==> flow/design.v <==
module cmp_unit_p #(
  parameter int DATA_WIDTH = 16
) (
  input logic CLK,
  input logic [DATA_WIDTH-1:0] opa,
  input logic [DATA_WIDTH-1:0] opb,
  input logic [DATA_WIDTH-1:0] opc,
  output logic [DATA_WIDTH-1:0] out
);
  logic [DATA_WIDTH-1:0] out_reg;
  assign out = out_reg;
  always_ff @(posedge CLK) begin
    out_reg <= (opa < opb) ? opb : (opa > opc) ? opc : opa;
  end
endmodule
## Tool chain data of cmp_unit_p

Tool output for the members of one design family, told apart by "DATA_WIDTH", in the order of the flow.
The file above is the member DATA_WIDTH 16. Line numbers count from 1 in each member's own file.
Operators carry their Yosys type and port widths (W data, S select, Z words).
The mark - stands for no value.

- Top module: cmp_unit_p
- Clock port: CLK
- Standard-cell library: sky130hd
- Timing corner: tt_025C_1v80

## Source of the members

New or changed lines of each further member against the RTL above, in its own file; lines it lacks are not shown.

New or changed lines:

| DATA_WIDTH | line | source |
|---|---|---|
| 32 | 2 | `parameter int DATA_WIDTH = 32` |
| 112 | 2 | `parameter int DATA_WIDTH = 112` |

## Elaborated design

Counts by Yosys on the flattened word-level netlist (proc, flatten, opt, wreduce; memories kept). Register bits leave out memories and registers merged into their read ports (data or address); mux counts leave out enables and synchronous resets folded into registers. Print and check cells are left out. Cells with the same type and inputs are merged into one.

Storage and ports:

| DATA_WIDTH | flip-flop bits (word level) | input port bits | elaborated cells | output and inout bits |
|---|---|---|---|---|
| 16 | 16 | 49 | 5 | 16 |
| 32 | 32 | 97 | 5 | 32 |
| 112 | 112 | 337 | 5 | 112 |

Operators by class:

| DATA_WIDTH | order comparisons | multiplexer cells |
|---|---|---|
| 16 | 2 | 2 |
| 32 | 2 | 2 |
| 112 | 2 | 2 |

Operators with widths:

| DATA_WIDTH | kinds with counts |
|---|---|
| 16 | 2 x $mux W16; 1 x $gt A16 B16 Y1; 1 x $lt A16 B16 Y1 |
| 32 | 2 x $mux W32; 1 x $gt A32 B32 Y1; 1 x $lt A32 B32 Y1 |
| 112 | 2 x $mux W112; 1 x $gt A112 B112 Y1; 1 x $lt A112 B112 Y1 |

## Depth

Depth = most cells in a row (Yosys ltp): at word level without a register or memory, in the mapped netlist without a sequential cell, where the memories' decode and read muxes count.

Logic depth:

| DATA_WIDTH | word-level depth | ABC_AREA | mapped depth | mapped depth without buffers |
|---|---|---|---|---|
| 16 | 3 | 0 | 9 | 8 |
| 32 | 3 | 0 | 9 | 8 |
| 112 | 3 | 0 | 13 | 10 |

## Netlist

The flow's flattened synthesis, as Yosys stat reports it; memories are mapped. The netlist is that of the ABC_AREA named above (0 if unset); the other value can give another one.

Synthesis totals:

| DATA_WIDTH | flip-flops | chip area (Yosys) (um^2) | cells in the netlist |
|---|---|---|---|
| 16 | 16 | 1448.9 | 161 |
| 32 | 32 | 3264.4 | 410 |
| 112 | 112 | 10731.5 | 1440 |

Cells by type:

| DATA_WIDTH | type and count |
|---|---|
| 16 | 31 x sky130_fd_sc_hd__ha_1; 16 x sky130_fd_sc_hd__dfxtp_1; 32 x sky130_fd_sc_hd__mux2i_1; 32 x sky130_fd_sc_hd__inv_1; 13 x sky130_fd_sc_hd__a21oi_1; 7 x sky130_fd_sc_hd__nand2_1; 5 x sky130_fd_sc_hd__nand3_1; 4 x sky130_fd_sc_hd__nand4_1; 1 x sky130_fd_sc_hd__o31ai_4; 4 x sky130_fd_sc_hd__o21ai_0; 2 x sky130_fd_sc_hd__a21o_1; 1 x sky130_fd_sc_hd__buf_8; 2 x sky130_fd_sc_hd__nor4_1; 1 x sky130_fd_sc_hd__a21boi_2; 3 x sky130_fd_sc_hd__nor2_1; 1 x sky130_fd_sc_hd__a221o_1; 1 x sky130_fd_sc_hd__and4_2; 1 x sky130_fd_sc_hd__a21oi_2; [+4] |
| 32 | 63 x sky130_fd_sc_hd__ha_1; 32 x sky130_fd_sc_hd__dfxtp_1; 33 x sky130_fd_sc_hd__a211oi_1; 63 x sky130_fd_sc_hd__inv_1; 33 x sky130_fd_sc_hd__a31oi_1; 35 x sky130_fd_sc_hd__nand3_1; 32 x sky130_fd_sc_hd__o21ai_1; 21 x sky130_fd_sc_hd__a21oi_1; 9 x sky130_fd_sc_hd__buf_6; 17 x sky130_fd_sc_hd__nand2_1; 8 x sky130_fd_sc_hd__nand4_1; 10 x sky130_fd_sc_hd__o21ai_0; 3 x sky130_fd_sc_hd__buf_8; 12 x sky130_fd_sc_hd__clkbuf_1; 4 x sky130_fd_sc_hd__a21o_1; 3 x sky130_fd_sc_hd__a221oi_1; 3 x sky130_fd_sc_hd__and4_1; 3 x sky130_fd_sc_hd__o21a_1; [+26] |
| 112 | 223 x sky130_fd_sc_hd__ha_1; 112 x sky130_fd_sc_hd__dfxtp_1; 227 x sky130_fd_sc_hd__inv_1; 114 x sky130_fd_sc_hd__a31oi_1; 129 x sky130_fd_sc_hd__nand3_1; 118 x sky130_fd_sc_hd__nor3_1; 84 x sky130_fd_sc_hd__a21oi_1; 81 x sky130_fd_sc_hd__o21ai_1; 54 x sky130_fd_sc_hd__o21ai_0; 40 x sky130_fd_sc_hd__nand4_1; 31 x sky130_fd_sc_hd__a21o_1; 56 x sky130_fd_sc_hd__clkbuf_1; 49 x sky130_fd_sc_hd__nand2_1; 10 x sky130_fd_sc_hd__buf_6; 8 x sky130_fd_sc_hd__and4_1; 9 x sky130_fd_sc_hd__buf_4; 16 x sky130_fd_sc_hd__nor2_1; 6 x sky130_fd_sc_hd__a221oi_1; [+73] |

The mark [+n] counts cells that are not listed.

## Path before layout

Path of least setup slack by OpenSTA after synthesis, without wires, with an ideal clock, recovery checks aside; 20% of the period is set as input and as output delay. Where synthesis merged equal registers, the netlist keeps one of their names.

Timing post-synthesis:

| DATA_WIDTH | kind | start point | end point | delay of the path (ns) | setup slack (ns) | stages on the path | clock period (ns) | synthesis period reached (ns) |
|---|---|---|---|---|---|---|---|---|
| 16 | input to register | in opc[7] | reg out_reg[10] | 1.844 | 0.459 | 9 | 2.88 | 2.421 |
| 32 | input to register | in opc[23] | reg out_reg[10] | 1.758 | 0.443 | 9 | 2.75 | 2.307 |
| 112 | input to register | in opc[93] | reg out_reg[100] | 2.440 | 0.608 | 12 | 3.81 | 3.202 |

"delay of the path" = arrival - input delay + setup time.
"stages on the path" counts driving pins, that of a launching flip-flop among them; a cell with two outputs on the path counts twice.
"synthesis period reached" = period - worst setup slack (recovery checks aside). The figure is calculated, with input and output delays left at 20% of the set period.
Between the ends stands the longest chain of elaborated cells between them, by number of cells; it is not shown to be the way that was timed. Of several equally long chains one is given.
Each line given opens the expression or statement behind the cell; cells for indexed reads and writes are added by Yosys, which also makes memories of some case tables.

Between the ends, post-synthesis, DATA_WIDTH 16:
- Cells in the longest elaborated chain: 3

RTL lines, path post-synthesis, DATA_WIDTH 16:

| element | line | source |
|---|---|---|
| start, declared | 7 | `input logic [DATA_WIDTH-1:0] opc,` |
| $gt A16 B16 Y1 | 13 | `out_reg <= (opa < opb) ? opb : (opa > opc) ? opc : opa;` |
| $mux W16 x2 | 13 |  |
| end, assigned | 13 |  |
| end, declared | 10 | `logic [DATA_WIDTH-1:0] out_reg;` |

Between the ends, post-synthesis, DATA_WIDTH 112:
- Cells in the longest elaborated chain: 3

RTL lines, path post-synthesis, DATA_WIDTH 112:

| element | line | source |
|---|---|---|
| start, declared | 7 | `input logic [DATA_WIDTH-1:0] opc,` |
| $gt A112 B112 Y1 | 13 | `out_reg <= (opa < opb) ? opb : (opa > opc) ? opc : opa;` |
| $mux W112 x2 | 13 |  |
| end, assigned | 13 |  |
| end, declared | 10 | `logic [DATA_WIDTH-1:0] out_reg;` |

## Worst path after layout

From the final timing report of the run of each member: the path of least setup slack in the routed layout; clock arrival at registers is part of the times.

Timing post-layout:

| DATA_WIDTH | kind | start point | end point | stages on the path | clock period (ns) | setup slack (ns) | buffers on the path | arrival time (ns) |
|---|---|---|---|---|---|---|---|---|
| 16 | input to register | in opc[7] | reg out_reg[6] | 10 | 2.88 | 0.29 | 2 | 2.76 |
| 32 | input to register | in opc[21] | reg out_reg[0] | 9 | 2.75 | 0.09 | 1 | 2.83 |
| 112 | input to register | in opa[81] | reg out_reg[81] | 13 | 3.81 | 0.03 | 4 | 4.07 |

## Flow runs

One run of the flow (Yosys, OpenROAD) for each member, with settings and measured results. Input and output delays are each 20% of the period that was set; the output load is 0.01 pF.

- CAP_MARGIN: 20
- CORE_MARGIN: 2
- CORE_UTILIZATION: 40
- SLEW_MARGIN: 20

Settings that differ:

| DATA_WIDTH | period_ns |
|---|---|
| 16 | 2.88 |
| 32 | 2.75 |
| 112 | 3.81 |

Final reports:

| DATA_WIDTH | setup slack of the worst path (ns) | overall die area (um^2) | final design utilization (%) | worst hold slack in the final report (ns) | total power of the final layout (mW) | chip area after synthesis (Yosys) (um^2) |
|---|---|---|---|---|---|---|
| 16 | 0.294 | 4119.7 | 64.8 | 0.843 | 0.7416 | 1448.9 |
| 32 | 0.087 | 8899.1 | 64.5 | 0.887 | 1.850 | 3264.4 |
| 112 | 0.028 | 28155.2 | 65.3 | 1.013 | 4.773 | 10731.5 |

"total power of the final layout": no workload was simulated; the value follows from the tool's default switching activity.
